==> flow/design.v <==
module ex_shift #(
  parameter integer DWIDTH = 8,
  parameter integer SEL_W = $clog2(DWIDTH)
) (
  input clk_i,
  input rst_n,
  input [DWIDTH-1:0] bus_i,
  input [SEL_W-1:0] count_i,
  output [DWIDTH-1:0] data_out_o
);
  reg [DWIDTH-1:0] r_bus;
  reg [SEL_W-1:0] r_count;
  always @(posedge clk_i) begin
    if (!rst_n) begin
      r_bus <= 0;
      r_count <= 0;
    end else begin
      r_bus <= bus_i;
      r_count <= count_i;
    end
  end
  reg [DWIDTH-1:0] r;
  integer idx;
  always @(*) begin
    r = r_bus;
    for (idx = 0; idx < SEL_W; idx = idx + 1)
      if (r_count[idx]) r = r >> (1 << idx);
  end
  reg [DWIDTH-1:0] r_data_out;
  always @(posedge clk_i) begin
    if (!rst_n) begin
      r_data_out <= 0;
    end else begin
      r_data_out <= r;
    end
  end
  assign data_out_o = r_data_out;
endmodule
From RTL to reports: ex_shift --
Tool output for the design above, in the order of the flow. Line numbers count from 1 in the design file above. Not given: n/a
Inputs: top module ex_shift, clock clk_i, standard-cell library sky130hd, timing corner tt_025C_1v80

After elaboration --
Yosys after proc, flatten, opt, wreduce and memory -nomap, before mapping. Enables and synchronous resets that opt folds into registers are not counted as muxes. Memory bits, and registers merged into a memory's read port (data or address), are not among the register bits. Print and check cells are not counted. Equal cells are merged and count once.
Operators by class: bitwise gates (word level) 1, order comparisons 0, $add $sub $neg 0, reductions and logical operators 1, muxes and demuxes 3, multipliers 0, equal/unequal tests 0, shift-type cells 0, divide/modulo/power cells 0
Operators by type and width (number):
- two-way mux 8 bit | 2
- two-way mux 4 bit | 1
- OR reduction 2 bit | 1
- NOT 1 bit | 1
Bit counts: memory bits (writable) 0, latch bits 0, register bits after elaboration 19, memories kept 0, input port bits 13, output and inout bits 8, bits in read-only memories 0, word width x clocked read ports 0

Depth --
Longest topological path by Yosys (ltp), each cell counted once; first at word level (registers and memories cut), then after technology mapping (sequential cells cut; the memories' decode and read muxes count).
Depth: depth in word-level cells 3, ABC_AREA 0, depth in mapped cells 4, gate-level depth less buffers 3

Mapped cells and area --
The flow's flattened synthesis, as Yosys stat reports it; memories are mapped. The netlist is that of the ABC_AREA named above (0 if unset); the other value can give another one. Totals and module areas in this step are rounded.
Cell types (number):
- sky130_fd_sc_hd__dfxtp_1 | 19
- sky130_fd_sc_hd__and2_1 | 11
- sky130_fd_sc_hd__mux2i_1 | 3
- sky130_fd_sc_hd__mux4_1 | 1
- sky130_fd_sc_hd__a211oi_1 | 3
- sky130_fd_sc_hd__nand2b_1 | 3
- sky130_fd_sc_hd__o32ai_1 | 2
- sky130_fd_sc_hd__mux2_4 | 1
- sky130_fd_sc_hd__nand2_1 | 4
- sky130_fd_sc_hd__o22ai_2 | 1
- sky130_fd_sc_hd__buf_6 | 1
- sky130_fd_sc_hd__mux2_2 | 1
- sky130_fd_sc_hd__nor2_1 | 3
- sky130_fd_sc_hd__nor3_1 | 2
- sky130_fd_sc_hd__o22a_1 | 1
- sky130_fd_sc_hd__and2b_1 | 1
- sky130_fd_sc_hd__buf_4 | 1
- sky130_fd_sc_hd__inv_1 | 2
Not listed: further types 6, cells in them 6.
Synthesis totals: mapped flip-flops 19, cells in the netlist 66, buffers 4, area of sequential cells 380 um^2, cell area after synthesis 716 um^2

Timing after synthesis --
OpenSTA on the mapped netlist: ideal clock, no wires. The path of least setup slack (recovery checks aside). Input and output delay are each 20% of the period. Register names are those of the netlist, which keeps one name where synthesis merged equal registers.
Path after synthesis: path type reg2reg, start register r_count[0], end register r_data_out[0], arrival 1010 ps, clock period 1410 ps, time at the first pin 0 ps, path slack 281 ps, path delay 1130 ps, library setup time 120 ps, buffers on the path 0, stages 4, synthesis period reached 1129 ps
"path delay" = arrival - input delay + setup time. "stages" counts driving pins, that of a launching flip-flop among them; a cell with two outputs on the path counts twice. "synthesis period reached" is the clock period less the worst setup slack; recovery checks do not enter. This is arithmetic on one report: input and output delays are still those of the set period (20% each). The rows between start and end are the longest chain of elaborated cells between them; the timing report does not say that the signal goes this way. Where chains are equally long, one stands for them. Each line given opens the expression or statement behind the cell; cells for indexed reads and writes are added by Yosys, which also makes memories of some case tables.
On the way, after synthesis: path through sky130_fd_sc_hd__dfxtp_1 -> sky130_fd_sc_hd__mux4_1 -> sky130_fd_sc_hd__inv_1 -> sky130_fd_sc_hd__o22ai_2, cells in the longest elaborated chain 3, elaborated cells on any way between the ends 3, those cells by class mux (3)
RTL lines, path after synthesis:
- start, declared | RTL line 12 | reg [SEL_W-1:0] r_count;
- start, assigned | RTL line 16 | r_count <= 0;
- start, assigned | RTL line 19 | r_count <= count_i;
- two-way mux 8 bit x2 | RTL line 27 | if (r_count[idx]) r = r >> (1 << idx);
- two-way mux 4 bit | RTL line 27
- end, assigned | RTL line 32 | r_data_out <= 0;
- end, assigned | RTL line 34 | r_data_out <= r;
- end, declared | RTL line 29 | reg [DWIDTH-1:0] r_data_out;

Worst path after layout --
Path of least setup slack in the final report of record 3 (OpenROAD, finished layout, wires in). Where an end is a register, its clock arrival counts in the times. The report prints the path's times to 10 ps; the period is as set.
Path post-layout: path type reg2reg, start register r_count[0], end register r_data_out[0], path slack 200 ps, library setup time 100 ps, time at the first pin 290 ps, arrival 1390 ps, stages 5, clock period 1410 ps, buffers on the path 1
The rows between start and end are the longest chain of elaborated cells between them; the timing report does not say that the signal goes this way. Where chains are equally long, one stands for them.
On the way, post-layout: path through sky130_fd_sc_hd__dfxtp_1 -> sky130_fd_sc_hd__buf_4 -> sky130_fd_sc_hd__mux2i_1 -> sky130_fd_sc_hd__mux2_2 -> sky130_fd_sc_hd__o22ai_2, cells in the longest elaborated chain 3, elaborated cells on any way between the ends 3, those cells by class mux (3)
RTL lines, path post-layout:
- start, declared | RTL line 12 | reg [SEL_W-1:0] r_count;
- start, assigned | RTL line 16 | r_count <= 0;
- start, assigned | RTL line 19 | r_count <= count_i;
- two-way mux 8 bit x2 | RTL line 27 | if (r_count[idx]) r = r >> (1 << idx);
- two-way mux 4 bit | RTL line 27
- end, assigned | RTL line 32 | r_data_out <= 0;
- end, assigned | RTL line 34 | r_data_out <= r;
- end, declared | RTL line 29 | reg [DWIDTH-1:0] r_data_out;

==> runs of ex_shift <==
Stored flow runs of ex_shift (3 of them; Yosys, OpenROAD, sky130hd). They differ in their settings and are not a sequence. Constraints: input delay and output delay 20% of the set period each, output load 0.01 pF.
"reached clock period" = clock period - worst setup slack. The figure is calculated, with input and output delays left at 20% of the set period.
"critical setup path time" = time allowed to the worst setup path (clock period - input delay - output delay, where it has them) - its slack; a late launch clock adds to it, a late capture clock takes from it.
"total power after layout" is the tool's figure for a default switching activity; nothing was simulated.
"critical setup path time" is known to 10 ps.
The results are shown rounded.

* Record 1 | settings: period_ns 2.23; CORE_UTILIZATION 52; SETUP_SLACK_MARGIN 0.02; PLACE_DENSITY 0.5; HOLD_SLACK_MARGIN 0.12; CORE_ASPECT_RATIO 1.76; CELL_PAD_IN_SITES_GLOBAL_PLACEMENT 2; CELL_PAD_IN_SITES_DETAIL_PLACEMENT 2; ABC_AREA 0; GPL_TIMING_DRIVEN 0; GPL_ROUTABILITY_DRIVEN 0; CAP_MARGIN 10; SLEW_MARGIN 15; MIN_ROUTING_LAYER met1; CORE_MARGIN 2 | no results, floorplanning failed with PDN-0185
* Record 2 | settings: period_ns 1.17; CORE_UTILIZATION 58; SETUP_SLACK_MARGIN 0.3; CORE_ASPECT_RATIO 1.59; CELL_PAD_IN_SITES_GLOBAL_PLACEMENT 3; GPL_TIMING_DRIVEN 1; CTS_CLUSTER_DIAMETER 156; SLEW_MARGIN 25; MIN_ROUTING_LAYER met1; MAX_ROUTING_LAYER met5; CAP_MARGIN 20; CORE_MARGIN 2 | no results, floorplanning failed with PDN-0185
* Record 3 | settings: period_ns 1.41; CAP_MARGIN 20; CORE_MARGIN 2; CORE_UTILIZATION 40; SLEW_MARGIN 20 | results: chip area after synthesis (Yosys) 716 um^2; die footprint 2140 um^2; standard-cell area after layout 952 um^2; post-layout utilization 55.8 %; worst setup slack after layout 204 ps; sum of negative setup slack 0 ps; worst hold slack in the final report 518 ps; total power after layout 975 µW; reached clock period 1206 ps; critical setup path time 1210 ps; worst setup path type reg2reg
